==> flow/design.v <==
module cpu_sel_unit_top #(
  parameter BITS = 2,
  parameter LANES = 24,
  parameter LG = $clog2(LANES)
) (
  input  wire clk,
  input  wire srst,
  input  wire clk_en,
  input  wire [LANES*BITS-1:0] val,
  input  wire [LG-1:0] addr,
  output reg [BITS-1:0] res
);
  reg [BITS-1:0] cur;
  integer k;
  always @* begin
    cur = 0;
    for (k = 0; k < LANES; k = k + 1)
      if (addr == k) cur = val[k*BITS +: BITS];
  end
  always @(posedge clk) begin
    if (srst) begin
      res <= 0;
    end else if (clk_en) begin
      res <= cur;
    end
  end
endmodule
* From RTL to reports: cpu_sel_unit_top
A sweep over "BITS": the same steps for each member of the family. The file above is the member BITS 2. Line numbers count from 1 in each member's own file. Operators carry their Yosys type and port widths (W data, S select, Z words). Library cell names are shortened. The mark - stands for no value.
Set-up: design top cpu_sel_unit_top, clock input clk, standard-cell library sky130hd, corner tt_025C_1v80

* Members of the sweep
New or changed lines of each further member against the RTL above, in its own file; lines it lacks are not shown.
Lines new or changed:
- BITS 3 | line 2 | parameter BITS = 3,
- BITS 4 | line 2 | parameter BITS = 4,
- BITS 6 | line 2 | parameter BITS = 6,
- BITS 8 | line 2 | parameter BITS = 8,
- BITS 12 | line 2 | parameter BITS = 12,

* Elaborated design
Counts by Yosys on the flattened word-level netlist (proc, flatten, opt, wreduce; memories kept). Register bits leave out memories and registers merged into their read ports (data or address); mux counts leave out enables and synchronous resets folded into registers. Print and check cells are left out. Cells with the same type and inputs are merged into one.
Cells by class:
- BITS 2 | $add $sub $neg 0, multipliers 0, div/mod/pow operators 0, order comparisons 0, equal/unequal tests 23, shift operators 0, multiplexer cells 24, bitwise logic cells 0, reductions and logical operators 1
- BITS 3 | $add $sub $neg 0, multipliers 0, div/mod/pow operators 0, order comparisons 0, equal/unequal tests 23, shift operators 0, multiplexer cells 24, bitwise logic cells 0, reductions and logical operators 1
- BITS 4 | $add $sub $neg 0, multipliers 0, div/mod/pow operators 0, order comparisons 0, equal/unequal tests 23, shift operators 0, multiplexer cells 24, bitwise logic cells 0, reductions and logical operators 1
- BITS 6 | $add $sub $neg 0, multipliers 0, div/mod/pow operators 0, order comparisons 0, equal/unequal tests 23, shift operators 0, multiplexer cells 24, bitwise logic cells 0, reductions and logical operators 1
- BITS 8 | $add $sub $neg 0, multipliers 0, div/mod/pow operators 0, order comparisons 0, equal/unequal tests 23, shift operators 0, multiplexer cells 24, bitwise logic cells 0, reductions and logical operators 1
- BITS 12 | $add $sub $neg 0, multipliers 0, div/mod/pow operators 0, order comparisons 0, equal/unequal tests 23, shift operators 0, multiplexer cells 24, bitwise logic cells 0, reductions and logical operators 1
Operators by type and width (kinds with counts):
- BITS 2 | 24 x $mux W2; 8 x $eq A5 B4 Y1 const B; 8 x $eq A5 B5 Y1 const B; 4 x $eq A5 B3 Y1 const B; 2 x $eq A5 B2 Y1 const B; 1 x $eq A5 B1 Y1 const B; 1 x $logic_not A5 Y1
- BITS 3 | 24 x $mux W3; 8 x $eq A5 B4 Y1 const B; 8 x $eq A5 B5 Y1 const B; 4 x $eq A5 B3 Y1 const B; 2 x $eq A5 B2 Y1 const B; 1 x $eq A5 B1 Y1 const B; 1 x $logic_not A5 Y1
- BITS 4 | 24 x $mux W4; 8 x $eq A5 B4 Y1 const B; 8 x $eq A5 B5 Y1 const B; 4 x $eq A5 B3 Y1 const B; 2 x $eq A5 B2 Y1 const B; 1 x $eq A5 B1 Y1 const B; 1 x $logic_not A5 Y1
- BITS 6 | 24 x $mux W6; 8 x $eq A5 B4 Y1 const B; 8 x $eq A5 B5 Y1 const B; 4 x $eq A5 B3 Y1 const B; 2 x $eq A5 B2 Y1 const B; 1 x $eq A5 B1 Y1 const B; 1 x $logic_not A5 Y1
- BITS 8 | 24 x $mux W8; 8 x $eq A5 B4 Y1 const B; 8 x $eq A5 B5 Y1 const B; 4 x $eq A5 B3 Y1 const B; 2 x $eq A5 B2 Y1 const B; 1 x $eq A5 B1 Y1 const B; 1 x $logic_not A5 Y1
- BITS 12 | 24 x $mux W12; 8 x $eq A5 B4 Y1 const B; 8 x $eq A5 B5 Y1 const B; 4 x $eq A5 B3 Y1 const B; 2 x $eq A5 B2 Y1 const B; 1 x $eq A5 B1 Y1 const B; 1 x $logic_not A5 Y1
Word-level totals:
- BITS 2 | register bits after elaboration 2, bits in latches 0, memory bits (writable) 0, bits in read-only memories 0, word width x clocked read ports 0, memory cells 0, bits of input ports 56, output and inout bits 2, elaborated cells 49
- BITS 3 | register bits after elaboration 3, bits in latches 0, memory bits (writable) 0, bits in read-only memories 0, word width x clocked read ports 0, memory cells 0, bits of input ports 80, output and inout bits 3, elaborated cells 49
- BITS 4 | register bits after elaboration 4, bits in latches 0, memory bits (writable) 0, bits in read-only memories 0, word width x clocked read ports 0, memory cells 0, bits of input ports 104, output and inout bits 4, elaborated cells 49
- BITS 6 | register bits after elaboration 6, bits in latches 0, memory bits (writable) 0, bits in read-only memories 0, word width x clocked read ports 0, memory cells 0, bits of input ports 152, output and inout bits 6, elaborated cells 49
- BITS 8 | register bits after elaboration 8, bits in latches 0, memory bits (writable) 0, bits in read-only memories 0, word width x clocked read ports 0, memory cells 0, bits of input ports 200, output and inout bits 8, elaborated cells 49
- BITS 12 | register bits after elaboration 12, bits in latches 0, memory bits (writable) 0, bits in read-only memories 0, word width x clocked read ports 0, memory cells 0, bits of input ports 296, output and inout bits 12, elaborated cells 49

* Depth
Longest topological path by Yosys (ltp), each cell counted once; first at word level (registers and memories cut), then after technology mapping (sequential cells cut; the memories' decode and read muxes count).
Depth:
- BITS 2 | depth in word-level cells 25, ABC_AREA 0, gate-level depth with buffers 8, depth with buffers taken out 6
- BITS 3 | depth in word-level cells 25, ABC_AREA 0, gate-level depth with buffers 8, depth with buffers taken out 5
- BITS 4 | depth in word-level cells 25, ABC_AREA 0, gate-level depth with buffers 10, depth with buffers taken out 6
- BITS 6 | depth in word-level cells 25, ABC_AREA 0, gate-level depth with buffers 9, depth with buffers taken out 6
- BITS 8 | depth in word-level cells 25, ABC_AREA 0, gate-level depth with buffers 10, depth with buffers taken out 6
- BITS 12 | depth in word-level cells 25, ABC_AREA 0, gate-level depth with buffers 10, depth with buffers taken out 6

* Synthesis result
Yosys stat after the flow's synthesis: flattened, memories mapped to cells. It holds for the ABC_AREA given above (unset counts as 0); a run with the other value may have another netlist. Totals and module areas in this step are rounded.
Synthesis totals:
- BITS 2 | cells in the netlist 116, cell area after synthesis 0.000766 mm², sequential part of the area 0.00004 mm², flip-flop cells 2
- BITS 3 | cells in the netlist 153, cell area after synthesis 0.00113 mm², sequential part of the area 0.0000601 mm², flip-flop cells 3
- BITS 4 | cells in the netlist 192, cell area after synthesis 0.00138 mm², sequential part of the area 0.0000801 mm², flip-flop cells 4
- BITS 6 | cells in the netlist 255, cell area after synthesis 0.00187 mm², sequential part of the area 0.00012 mm², flip-flop cells 6
- BITS 8 | cells in the netlist 362, cell area after synthesis 0.00256 mm², sequential part of the area 0.00016 mm², flip-flop cells 8
- BITS 12 | cells in the netlist 559, cell area after synthesis 0.00389 mm², sequential part of the area 0.00024 mm², flip-flop cells 12
Cell types (types with counts):
- BITS 2 | 4 x mux2_2; 11 x nor2_1; 2 x dfxtp_1; 4 x mux2i_1; 10 x nand2_1; 5 x nor3b_1; 6 x o21ai_0; 3 x a32oi_1; 5 x a21oi_1; 4 x nand4_1; 4 x nor2b_1; 4 x buf_2; 4 x nand3_1; 4 x nor3_1; 3 x a31oi_1; 3 x nor4_1; 2 x a211o_1; 2 x a22o_1; [+36]
- BITS 3 | 11 x mux2i_1; 3 x dfxtp_1; 8 x nor2b_1; 6 x a211oi_1; 4 x buf_6; 4 x mux2_2; 7 x o22ai_1; 8 x a21oi_1; 5 x nor3b_1; 7 x buf_2; 9 x nand2_1; 5 x nand2b_1; 2 x mux2_4; 7 x inv_1; 7 x nor2_1; 3 x o221ai_1; 3 x o32ai_1; 4 x a31oi_1; [+50]
- BITS 4 | 17 x mux2i_1; 17 x a21oi_1; 4 x dfxtp_1; 3 x mux4_2; 18 x nand2_1; 12 x o21ai_0; 14 x nor2_1; 10 x nand3_1; 2 x buf_12; 4 x a221oi_1; 7 x buf_2; 5 x a31oi_1; 5 x nand4_1; 5 x nor2b_1; 5 x o22ai_1; 4 x a211oi_1; 2 x a221oi_2; 4 x nor3b_1; [+54]
- BITS 6 | 10 x mux4_2; 21 x mux2i_1; 6 x dfxtp_1; 24 x o21ai_0; 17 x a21oi_1; 20 x nor2_1; 6 x mux2_2; 17 x nand2_1; 8 x a211oi_1; 12 x nand3_1; 11 x buf_2; 8 x nand2b_1; 8 x nor2b_1; 5 x o221ai_1; 5 x buf_4; 4 x a32oi_1; 7 x nor3_1; 8 x clkbuf_1; [+58]
- BITS 8 | 25 x mux2i_1; 37 x o21ai_0; 8 x dfxtp_1; 30 x a21oi_1; 6 x mux4_2; 11 x mux2_2; 28 x nand2_1; 24 x nor2_1; 11 x buf_4; 16 x nand3_1; 7 x buf_6; 12 x nand2b_1; 11 x nor2b_1; 7 x o221ai_1; 11 x nor3_1; 2 x mux4_1; 8 x o22ai_1; 6 x a211oi_1; [+102]
- BITS 12 | 34 x mux2i_1; 65 x a21oi_1; 11 x mux4_2; 12 x dfxtp_1; 38 x o21ai_0; 35 x buf_2; 45 x nor2_1; 12 x mux2_2; 18 x o22ai_1; 29 x nand2_1; 12 x buf_4; 18 x nor3_1; 14 x a31oi_1; 14 x nor2b_1; 17 x nand3_1; 11 x a211oi_1; 9 x o221ai_1; 11 x nand2b_1; [+154]
The mark [+n] counts cells that are not listed.

* Worst setup path after synthesis
Path of least setup slack by OpenSTA after synthesis, without wires, with an ideal clock, recovery checks aside; 20% of the period is set as input and as output delay. Where synthesis merged equal registers, the netlist keeps one of their names.
Timing path after synthesis:
- BITS 2 | path kind input to register, start input addr[1], end register res[0], period 2.07 ns, slack 0.334 ns, driving pins on the path 7, path delay 1.322 ns, synthesis period reached 1.736 ns
- BITS 3 | path kind input to register, start input addr[0], end register res[0], period 1.97 ns, slack 0.318 ns, driving pins on the path 6, path delay 1.258 ns, synthesis period reached 1.652 ns
- BITS 4 | path kind input to register, start input addr[1], end register res[2], period 2.1 ns, slack 0.338 ns, driving pins on the path 9, path delay 1.342 ns, synthesis period reached 1.762 ns
- BITS 6 | path kind input to register, start input addr[0], end register res[5], period 2.15 ns, slack 0.341 ns, driving pins on the path 8, path delay 1.379 ns, synthesis period reached 1.809 ns
- BITS 8 | path kind input to register, start input addr[0], end register res[0], period 2.3 ns, slack 0.367 ns, driving pins on the path 7, path delay 1.473 ns, synthesis period reached 1.933 ns
- BITS 12 | path kind input to register, start input addr[4], end register res[4], period 2.42 ns, slack 0.389 ns, driving pins on the path 8, path delay 1.547 ns, synthesis period reached 2.031 ns
"path delay" is the arrival time less input delay plus setup time. "driving pins on the path" counts driving pins, that of a launching flip-flop among them; a cell with two outputs on the path counts twice. "synthesis period reached" = period - worst setup slack (recovery checks aside). The figure is calculated, with input and output delays left at 20% of the set period. Between the ends stands the longest chain of elaborated cells between them, by number of cells; it is not shown to be the way that was timed. Of several equally long chains one is given. A line is the first line of the expression or statement that the cell stems from. Yosys adds cells for indexed reads and writes and turns some case tables into memories.
Between the ends, after synthesis, BITS 2: cells in the longest elaborated chain 25
Ends and longest elaborated chain, after synthesis, BITS 2:
- start: declaration | line 10 | input  wire [LG-1:0] addr,
- $logic_not A5 Y1 | line 18 | if (addr == k) cur = val[k*BITS +: BITS];
- $mux W2 x24 | line 18
- end: assignment | line 22 | res <= 0;
- end: assignment | line 24 | res <= cur;
- end: declaration | line 11 | output reg [BITS-1:0] res
Between the ends, after synthesis, BITS 12: cells in the longest elaborated chain 25
Ends and longest elaborated chain, after synthesis, BITS 12:
- start: declaration | line 10 | input  wire [LG-1:0] addr,
- $logic_not A5 Y1 | line 18 | if (addr == k) cur = val[k*BITS +: BITS];
- $mux W12 x24 | line 18
- end: assignment | line 22 | res <= 0;
- end: assignment | line 24 | res <= cur;
- end: declaration | line 11 | output reg [BITS-1:0] res

* Timing after layout
From the final timing report of the run of each member: the path of least setup slack in the routed layout; clock arrival at registers is part of the times.
Timing path post-layout:
- BITS 2 | path kind input to register, start input addr[3], end register res[1], period 2.07 ns, slack 0.02 ns, driving pins on the path 8, data arrival time 2.23 ns
- BITS 3 | path kind input to register, start input addr[4], end register res[2], period 1.97 ns, slack 0.07 ns, driving pins on the path 6, data arrival time 2.02 ns
- BITS 4 | path kind input to register, start input addr[2], end register res[1], period 2.1 ns, slack 0.08 ns, driving pins on the path 10, data arrival time 2.20 ns
- BITS 6 | path kind input to register, start input addr[0], end register res[5], period 2.15 ns, slack -0.07 ns, driving pins on the path 7, data arrival time 2.33 ns
- BITS 8 | path kind input to register, start input addr[4], end register res[1], period 2.3 ns, slack 0.15 ns, driving pins on the path 8, data arrival time 2.26 ns
- BITS 12 | path kind input to register, start input addr[3], end register res[4], period 2.42 ns, slack 0.03 ns, driving pins on the path 9, data arrival time 2.54 ns

* Measured runs
One run of the flow (Yosys, OpenROAD) for each member, with settings and measured results. Input and output delays are each 20% of the period that was set; the output load is 0.01 pF.
Flow settings: CAP_MARGIN 20, CORE_MARGIN 2, CORE_UTILIZATION 40, SLEW_MARGIN 20
Settings that differ (period_ns):
- BITS 2 | 2.07
- BITS 3 | 1.97
- BITS 4 | 2.1
- BITS 6 | 2.15
- BITS 8 | 2.3
- BITS 12 | 2.42
Results:
- BITS 2 | post-synthesis cell area 0.000766 mm², area of the die 0.00228 mm², standard-cell area after layout 0.00156 mm², utilization 0.887, lowest setup slack 0.017 ns, total negative slack 0.000 ns, worst-case hold slack 0.490 ns, total power of the final layout 424 µW, clock period achieved 2.053 ns
- BITS 3 | post-synthesis cell area 0.00113 mm², area of the die 0.00326 mm², standard-cell area after layout 0.00218 mm², utilization 0.805, lowest setup slack 0.074 ns, total negative slack 0.000 ns, worst-case hold slack 0.667 ns, total power of the final layout 604 µW, clock period achieved 1.896 ns
- BITS 4 | post-synthesis cell area 0.00138 mm², area of the die 0.00393 mm², standard-cell area after layout 0.00288 mm², utilization 0.87, lowest setup slack 0.077 ns, total negative slack 0.000 ns, worst-case hold slack 0.544 ns, total power of the final layout 734 µW, clock period achieved 2.023 ns
- BITS 6 | post-synthesis cell area 0.00187 mm², area of the die 0.00525 mm², standard-cell area after layout 0.00391 mm², utilization 0.879, lowest setup slack -0.066 ns, total negative slack -0.066 ns, worst-case hold slack 0.582 ns, total power of the final layout 1010 µW, clock period achieved 2.216 ns
- BITS 8 | post-synthesis cell area 0.00256 mm², area of the die 0.00706 mm², standard-cell area after layout 0.00494 mm², utilization 0.788, lowest setup slack 0.151 ns, total negative slack 0.000 ns, worst-case hold slack 0.516 ns, total power of the final layout 1200 µW, clock period achieved 2.149 ns
- BITS 12 | post-synthesis cell area 0.00389 mm², area of the die 0.0105 mm², standard-cell area after layout 0.00771 mm², utilization 0.804, lowest setup slack 0.035 ns, total negative slack 0.000 ns, worst-case hold slack 0.482 ns, total power of the final layout 1750 µW, clock period achieved 2.385 ns
"clock period achieved" = clock period - worst setup slack. The figure is calculated, with input and output delays left at 20% of the set period. "total power of the final layout": no workload was simulated; the value follows from the tool's default switching activity. The measured numbers are rounded.
